==> flow/design.v <==
module u_mpy_n #(
   parameter WD = 3
) (
   input logic aclk,
   input logic [WD-1:0] in_op_a,
   input logic [WD-1:0] in_op_b,
   input logic [2*WD-1:0] in_op_c,
   output logic [2*WD:0] out_q
);
   logic [WD-1:0] r_op_a;
   logic [WD-1:0] r_op_b;
   logic [2*WD-1:0] r_op_c;
   assign out_q = r_op_a * r_op_b + r_op_c;
   always_ff @(posedge aclk) begin
      r_op_a <= in_op_a;
      r_op_b <= in_op_b;
      r_op_c <= in_op_c;
   end
endmodule
==> Reports on u_mpy_n <==
The steps from the RTL of u_mpy_n to its reports follow in flow order.
Line numbers count from 1 in the design file above.
Library cell names are shortened.
{ "design": {"top_module": "u_mpy_n", "clock": "aclk", "library": "sky130hd", "pvt_corner": "tt_025C_1v80"} }

==> Word-level counts <==
Counts by Yosys on the flattened word-level netlist (proc, flatten, opt, wreduce; memories kept). Register bits leave out memories and registers merged into their read ports (data or address); mux counts leave out enables and synchronous resets folded into registers. Print and check cells are left out. Cells with the same type and inputs are merged into one.
{ "word_totals": {"reg_bits": 12, "word_cells": 5, "inputBits": 13} }
{ "classes": {"n_mul": 1, "add_sub_neg": 1} }
{ "op_table": {"columns": ["op", "count"], "rows": [
  ["multiplier 3 x 3 -> 6 bit", 1],
  ["adder 6 x 6 -> 7 bit", 1]
]} }

==> Longest topological paths <==
Longest topological path by Yosys (ltp), each cell counted once; first at word level (registers and memories cut), then after technology mapping (sequential cells cut; the memories' decode and read muxes count).
{ "logic_depth": {"word_depth": 2, "abc_area": 0, "mapped_depth": 9} }

==> Netlist <==
Source: synth_stat.txt of the flow (Yosys; design flattened, memories mapped). It holds for the ABC_AREA given above (unset counts as 0); a run with the other value may have another netlist.
The area totals of this step are shown rounded.
{ "by_type": {"columns": ["cell_type", "count", "area_total_um2"], "rows": [
  ["dfxtp_1", 12, 240.23],
  ["ha_1", 9, 112.608],
  ["fa_1", 5, 100.096],
  ["inv_1", 9, 33.782],
  ["and2_1", 5, 31.28],
  ["xnor2_1", 2, 17.517],
  ["nand2_1", 4, 15.014],
  ["a211o_1", 1, 8.758],
  ["a21oi_2", 1, 8.758],
  ["o21ai_2", 1, 8.758],
  ["xor2_1", 1, 8.758],
  ["a21o_1", 1, 7.507],
  ["nor2_1", 2, 7.507],
  ["o211ai_1", 1, 7.507],
  ["a21oi_1", 1, 5.005]
]} }
{ "mapped": {"area_mm2": 0.0006131, "flip_flops": 12, "cell_count": 55} }

==> Path before layout <==
OpenSTA on the mapped netlist: ideal clock, no wires. The path of least setup slack (recovery checks aside). Input and output delay are each 20% of the period. Register names are those of the netlist, which keeps one name where synthesis merged equal registers.
{ "synth_timing": {"path_type": "register to output", "start": "register r_op_b[2]", "end": "output port out_q[5]", "required_time_ps": 2992, "stages": 9, "slack_ps": 596, "delay_ps": 2396, "output_delay_ps": 748, "clock_period_ps": 3740, "arrival_ps": 2396, "period_less_setup_slack_ps": 3144} }
"delay_ps" = arrival - input delay + setup time.
A path that ends at an output port has no setup time.
"stages" counts driving pins, that of a launching flip-flop among them; a cell with two outputs on the path counts twice.
"period_less_setup_slack_ps" is the clock period less the worst setup slack; recovery checks do not enter. This is arithmetic on one report: input and output delays are still those of the set period (20% each).
Between the ends stands the longest chain of elaborated cells between them, by number of cells; it is not shown to be the way that was timed. Of several equally long chains one is given.
A line is the first line of the expression or statement that the cell stems from. Yosys adds cells for indexed reads and writes and turns some case tables into memories.
{ "synth_between": {"path_cell_list": "dfxtp_1 > nand2_1 > fa_1 > inv_1 > fa_1 > fa_1 > a21o_1 > a21oi_2 > xnor2_1", "elab_chain_cells": 2, "cone_cells": 2, "lines_between": 1, "classes_between": "add/sub (1); mul (1)"} }
{ "synth_rtl": {"columns": ["item", "line", "source"], "rows": [
  ["from (decl)", 11, "logic [WD-1:0] r_op_b;"],
  ["from (assign)", 16, "r_op_b <= in_op_b;"],
  ["multiplier 3 x 3 -> 6 bit", 13, "assign out_q = r_op_a * r_op_b + r_op_c;"],
  ["adder 6 x 6 -> 7 bit", 13, null],
  ["to (decl)", 8, "output logic [2*WD:0] out_q"]
]} }

==> Worst path after layout <==
From the final timing report of run 2: the path of least setup slack in the routed layout; clock arrival at registers is part of the times.
The path's times are printed in steps of 10 ps; the period is the one set.
{ "layout_timing": {"path_type": "register to output", "start": "register r_op_a[0]", "end": "output port out_q[5]", "stages": 10, "clock_period_ps": 3740, "slack_ps": 160, "required_time_ps": 2990, "output_delay_ps": 750, "arrival_ps": 2830} }
Between the ends stands the longest chain of elaborated cells between them, by number of cells; it is not shown to be the way that was timed. Of several equally long chains one is given.
{ "layout_between": {"path_cell_list": "dfxtp_1 > nand2_1 > fa_1 > inv_1 > fa_2 > fa_2 > a21o_1 > a21oi_2 > xnor2_1 > dlygate4sd2_1", "elab_chain_cells": 2, "cone_cells": 2, "lines_between": 1, "classes_between": "add/sub (1); mul (1)"} }
{ "layout_rtl": {"columns": ["item", "line", "source"], "rows": [
  ["from (decl)", 10, "logic [WD-1:0] r_op_a;"],
  ["from (assign)", 15, "r_op_a <= in_op_a;"],
  ["multiplier 3 x 3 -> 6 bit", 13, "assign out_q = r_op_a * r_op_b + r_op_c;"],
  ["adder 6 x 6 -> 7 bit", 13, null],
  ["to (decl)", 8, "output logic [2*WD:0] out_q"]
]} }

Design u_mpy_n on sky130hd. What follows are 3 stored runs of the flow, each under its own settings; their order means nothing. The constraints put input and output delay at 20% of the set period each and load the outputs with 0.01 pF.
"achieved_clock_period_ps" means the clock period less the worst setup slack. The figure is calculated, with input and output delays left at 20% of the set period.
"critical_path_time_ps" means the part of the period allowed to the worst setup path (the constraints hold back 20% at inputs and 20% at outputs) less its slack; where the path has registers, the arrival times of their clocks count too.
"totalPower_w": no workload was simulated; the value follows from the tool's default switching activity.
"critical_path_time_ps" is known to 10 ps.
Results are given in rounded form.
[
  {
    "run": "run 1",
    "settings": { "period_ns": 3.92, "CORE_UTILIZATION": 57, "SETUP_SLACK_MARGIN": -0.27, "PLACE_DENSITY_LB_ADDON": 0.2, "CORE_MARGIN": 10, "CELL_PAD_IN_SITES_GLOBAL_PLACEMENT": 0, "CELL_PAD_IN_SITES_DETAIL_PLACEMENT": 2, "ABC_AREA": 0, "CTS_CLUSTER_SIZE": 32, "MAX_ROUTING_LAYER": "met5", "CAP_MARGIN": 20, "SLEW_MARGIN": 20 },
    "outcome": "did not finish, placement stopped with DPL-0033"
  },
  {
    "run": "run 2",
    "settings": { "period_ns": 3.74, "CAP_MARGIN": 20, "CORE_MARGIN": 2, "CORE_UTILIZATION": 40, "SLEW_MARGIN": 20 },
    "results": { "dieArea_mm2": 0.001862, "fin_hold_ws_ps": 922, "setup_ws_ps": 162, "finish.utilization_frac": 0.586, "final_cell_area_mm2": 0.0008621, "post_synth_area_mm2": 0.0006131, "critical_path_time_ps": 2830, "critical_path_kind": "register to output", "totalPower_w": 0.0003606, "achieved_clock_period_ps": 3578, "tns_setup_ps": 0 }
  },
  {
    "run": "run 3",
    "settings": { "period_ns": 1.85, "CORE_UTILIZATION": 70, "PLACE_DENSITY_LB_ADDON": 0.07, "HOLD_SLACK_MARGIN": -0.05, "CORE_ASPECT_RATIO": 0.58, "CORE_MARGIN": 8, "CELL_PAD_IN_SITES_DETAIL_PLACEMENT": 0, "TNS_END_PERCENT": 15, "CTS_CLUSTER_SIZE": 39, "CTS_CLUSTER_DIAMETER": 172, "CAP_MARGIN": 20, "SLEW_MARGIN": 20 },
    "outcome": "did not finish, floorplanning stopped with PDN-0185"
  }
]
